==> flow/design.v <==
module my_mult #(
    parameter DW = 5
) (
    input  ck,
    input  nrst,
    input  [DW-1:0] a,
    input  [DW-1:0] b,
    output reg [2*DW-1:0] result
);
    reg [DW-1:0] r_a;
    reg [DW-1:0] r_b;
    always @(posedge ck) begin
        if (!nrst) begin
            r_a <= 0;
            r_b <= 0;
            result <= 0;
        end else begin
            r_a <= a;
            r_b <= b;
            result <= r_a * r_b;
        end
    end
endmodule
### From RTL to reports: my_mult

The steps from the RTL of my_mult to its reports follow in flow order.
Line numbers count from 1 in the design file above.
Cell names lack the library's common part.
The mark -- stands for no value.

| set-up | value |
|---|---|
| design top | my_mult |
| clock | ck |
| standard-cell library | sky130hd |
| corner | tt_025C_1v80 |

### Word-level counts

Source: Yosys, flattened and elaborated, memories not mapped. Widths are those after wreduce; folded enables and synchronous resets count as part of the registers. Registers that Yosys merges into a memory's read port (data or address) are not register bits. Print and check cells do not count. Equal cells are merged and count once.

| cells by class | value |
|---|---|
| $add $sub $neg | 0 |
| multiply operators | 1 |
| divide/modulo/power cells | 0 |
| magnitude comparators | 0 |
| equality and inequality tests | 0 |
| shift-type cells | 0 |
| mux-type cells | 0 |
| bitwise logic cells | 0 |
| reduce/logical cells | 0 |

Operators by type and width:

| cell | number |
|---|---|
| multiplier 5 x 5 -> 10 bit | 1 |

| storage and ports | value |
|---|---|
| register bits after elaboration | 20 |
| bits in latches | 0 |
| bits in writable memories | 0 |
| bits in read-only memories | 0 |
| word width x clocked read ports | 0 |
| memories | 0 |
| input port bits | 12 |

### Longest topological paths

Depth = most cells in a row (Yosys ltp): at word level without a register or memory, in the mapped netlist without a sequential cell, where the memories' decode and read muxes count.

| logic depth | value |
|---|---|
| depth in word-level cells | 1 |
| ABC_AREA | 0 |
| gate-level depth with buffers | 11 |
| depth with buffers taken out | 11 |

### Mapped cells and area

The flow's flattened synthesis, as Yosys stat reports it; memories are mapped. The netlist is that of the ABC_AREA named above (0 if unset); the other value can give another one.

| mapped netlist | value |
|---|---|
| mapped cells | 133 |
| cell area after synthesis | 0.0013313 mm2 |
| flip-flop cells | 20 |
| buffers | 1 |

Cells by type:

| cell | number | total area (um2) |
|---|---|---|
| dfxtp_1 | 20 | 400.384 |
| ha_1 | 18 | 225.216 |
| and2_1 | 30 | 187.68 |
| fa_1 | 9 | 180.173 |
| inv_1 | 12 | 45.043 |
| nand2_1 | 7 | 26.275 |
| nor3_1 | 4 | 20.019 |
| a41oi_2 | 1 | 16.266 |
| a21oi_1 | 3 | 15.014 |
| o21a_1 | 2 | 15.014 |
| nor2b_4 | 1 | 13.763 |
| a211oi_2 | 1 | 12.512 |
| nor3b_2 | 1 | 12.512 |
| o211ai_2 | 1 | 12.512 |
| o31ai_2 | 1 | 12.512 |
| mux2i_1 | 1 | 10.01 |
| o211a_1 | 1 | 10.01 |
| a21oi_2 | 1 | 8.758 |

Not listed: further types 17, cells in them 19.

### Path before layout

Path of least setup slack by OpenSTA after synthesis, without wires, with an ideal clock, recovery checks aside; 20% of the period is set as input and as output delay. Where synthesis merged equal registers, the netlist keeps one of their names.

| timing path post-synthesis | value |
|---|---|
| path type | reg-to-reg |
| start point | register r_b[4] |
| end point | register result[8] |
| period | 3.81 ns |
| setup time | 0.120 ns |
| launch time at the first pin | 0.000 ns |
| arrival | 2.926 ns |
| slack | 0.764 ns |
| delay of the path | 3.046 ns |
| driving pins on the path | 11 |
| buffers on the path | 0 |
| synthesis period reached | 3.046 ns |

"delay of the path" = arrival - input delay + setup time.
"driving pins on the path": output pins that drive a net of the path, with the launching flip-flop's if there is one; two outputs of one cell count as two.
"synthesis period reached" is the clock period less the worst setup slack; recovery checks do not enter. This is arithmetic on one report: input and output delays are still those of the set period (20% each).
The rows between start and end are the longest chain of elaborated cells between them; the timing report does not say that the signal goes this way. Where chains are equally long, one stands for them.
A line is the first line of the expression or statement that the cell stems from. Yosys adds cells for indexed reads and writes and turns some case tables into memories.

| between the ends, post-synthesis | value |
|---|---|
| cell sequence | dfxtp_1 -> nand2_1 -> fa_1 -> fa_1 -> fa_1 -> inv_1 -> ha_1 -> nor2b_4 -> o31ai_1 -> nand3_1 -> nor3b_2 |
| length of the longest elaborated chain | 1 |
| elaborated cells on any way between the ends | 1 |
| RTL lines with such cells | 1 |
| classes of those cells | 1 x mul |

RTL lines, path post-synthesis:

| what | line | RTL |
|---|---|---|
| start, declared | 11 | `reg [DW-1:0] r_b;` |
| start, assigned | 15 | `r_b <= 0;` |
| start, assigned | 19 | `r_b <= b;` |
| multiplier 5 x 5 -> 10 bit | 20 | `result <= r_a * r_b;` |
| end, assigned | 16 | `result <= 0;` |
| end, assigned | 20 |  |
| end, declared | 8 | `output reg [2*DW-1:0] result` |

### Timing after layout

Path of least setup slack in the final report of flow run 2 (OpenROAD, finished layout, wires in). Where an end is a register, its clock arrival counts in the times.

| timing path post-layout | value |
|---|---|
| path type | reg-to-reg |
| start point | register r_b[4] |
| end point | register result[9] |
| period | 3.81 ns |
| setup time | 0.06 ns |
| launch time at the first pin | 0.31 ns |
| arrival | 3.48 ns |
| slack | 0.58 ns |
| driving pins on the path | 11 |
| buffers on the path | 0 |

The rows between start and end are the longest chain of elaborated cells between them; the timing report does not say that the signal goes this way. Where chains are equally long, one stands for them.

| between the ends, post-layout | value |
|---|---|
| cell sequence | dfxtp_1 -> nand2_1 -> fa_1 -> fa_1 -> fa_1 -> inv_1 -> ha_1 -> a211oi_2 -> nor2_1 -> a41oi_2 -> mux2i_1 |
| length of the longest elaborated chain | 1 |
| elaborated cells on any way between the ends | 1 |
| RTL lines with such cells | 1 |
| classes of those cells | 1 x mul |

RTL lines, path post-layout:

| what | line | RTL |
|---|---|---|
| start, declared | 11 | `reg [DW-1:0] r_b;` |
| start, assigned | 15 | `r_b <= 0;` |
| start, assigned | 19 | `r_b <= b;` |
| multiplier 5 x 5 -> 10 bit | 20 | `result <= r_a * r_b;` |
| end, assigned | 16 | `result <= 0;` |
| end, assigned | 20 |  |
| end, declared | 8 | `output reg [2*DW-1:0] result` |

## Implementation results

Module my_mult, platform sky130hd: 3 stored runs of the flow (Yosys, OpenROAD) with differing settings, in no particular order. Input and output delays are each 20% of the period that was set; the output load is 0.01 pF.
"period reached": clock period set for the run, less the worst setup slack. It is reckoned from that one timing run; input and output delays stay at 20% of the period that was set.
"worst setup path time" is the time allowed to the run's worst setup path (the clock period less input and output delay, where it has them) less its slack. Clock arrival times count: a late capture clock shortens it, a late launch clock lengthens it.
"total design power": no workload was simulated; the value follows from the tool's default switching activity.

#### Flow run 1

| setting | value |
|---|---|
| period_ns | `2.8` |
| CORE_UTILIZATION | `57` |
| SETUP_SLACK_MARGIN | `-0.12` |
| PLACE_DENSITY_LB_ADDON | `0.02` |
| CORE_ASPECT_RATIO | `1.94` |
| CORE_MARGIN | `8` |
| CELL_PAD_IN_SITES_GLOBAL_PLACEMENT | `2` |
| TNS_END_PERCENT | `25` |
| GPL_ROUTABILITY_DRIVEN | `1` |
| CTS_CLUSTER_SIZE | `13` |
| SLEW_MARGIN | `5` |
| MIN_ROUTING_LAYER | `met2` |
| MAX_ROUTING_LAYER | `met4` |
| CAP_MARGIN | `20` |

No final report: placement broke off with FLW-0024.

#### Flow run 2

| setting | value |
|---|---|
| period_ns | `3.81` |
| CAP_MARGIN | `20` |
| CORE_MARGIN | `2` |
| CORE_UTILIZATION | `40` |
| SLEW_MARGIN | `20` |

| result | value |
|---|---|
| netlist area reported by Yosys | 0.0013313 mm2 |
| die area | 0.0038057 mm2 |
| standard-cell area after layout | 0.0016291 mm2 |
| final design utilization | 52.5% |
| worst setup slack after layout | 0.580 ns |
| setup TNS | 0.000 ns |
| worst hold slack in the final report | 0.557 ns |
| total design power | 428.5 µW |
| period reached | 3.230 ns |
| worst setup path time | 3.23 ns |
| worst setup path kind | reg-to-reg |

#### Flow run 3

| setting | value |
|---|---|
| period_ns | `4.75` |
| CORE_UTILIZATION | `63` |
| SETUP_SLACK_MARGIN | `-0.46` |
| CELL_PAD_IN_SITES_DETAIL_PLACEMENT | `0` |
| GPL_TIMING_DRIVEN | `0` |
| CTS_CLUSTER_SIZE | `32` |
| CAP_MARGIN | `15` |
| SLEW_MARGIN | `10` |
| MAX_ROUTING_LAYER | `met4` |
| CORE_MARGIN | `2` |

| result | value |
|---|---|
| netlist area reported by Yosys | 0.0013313 mm2 |
| die area | 0.002497 mm2 |
| standard-cell area after layout | 0.0016115 mm2 |
| final design utilization | 81.3% |
| worst setup slack after layout | 1.481 ns |
| setup TNS | 0.000 ns |
| worst hold slack in the final report | 0.529 ns |
| total design power | 341 µW |
| period reached | 3.269 ns |
| worst setup path time | 3.27 ns |
| worst setup path kind | reg-to-reg |
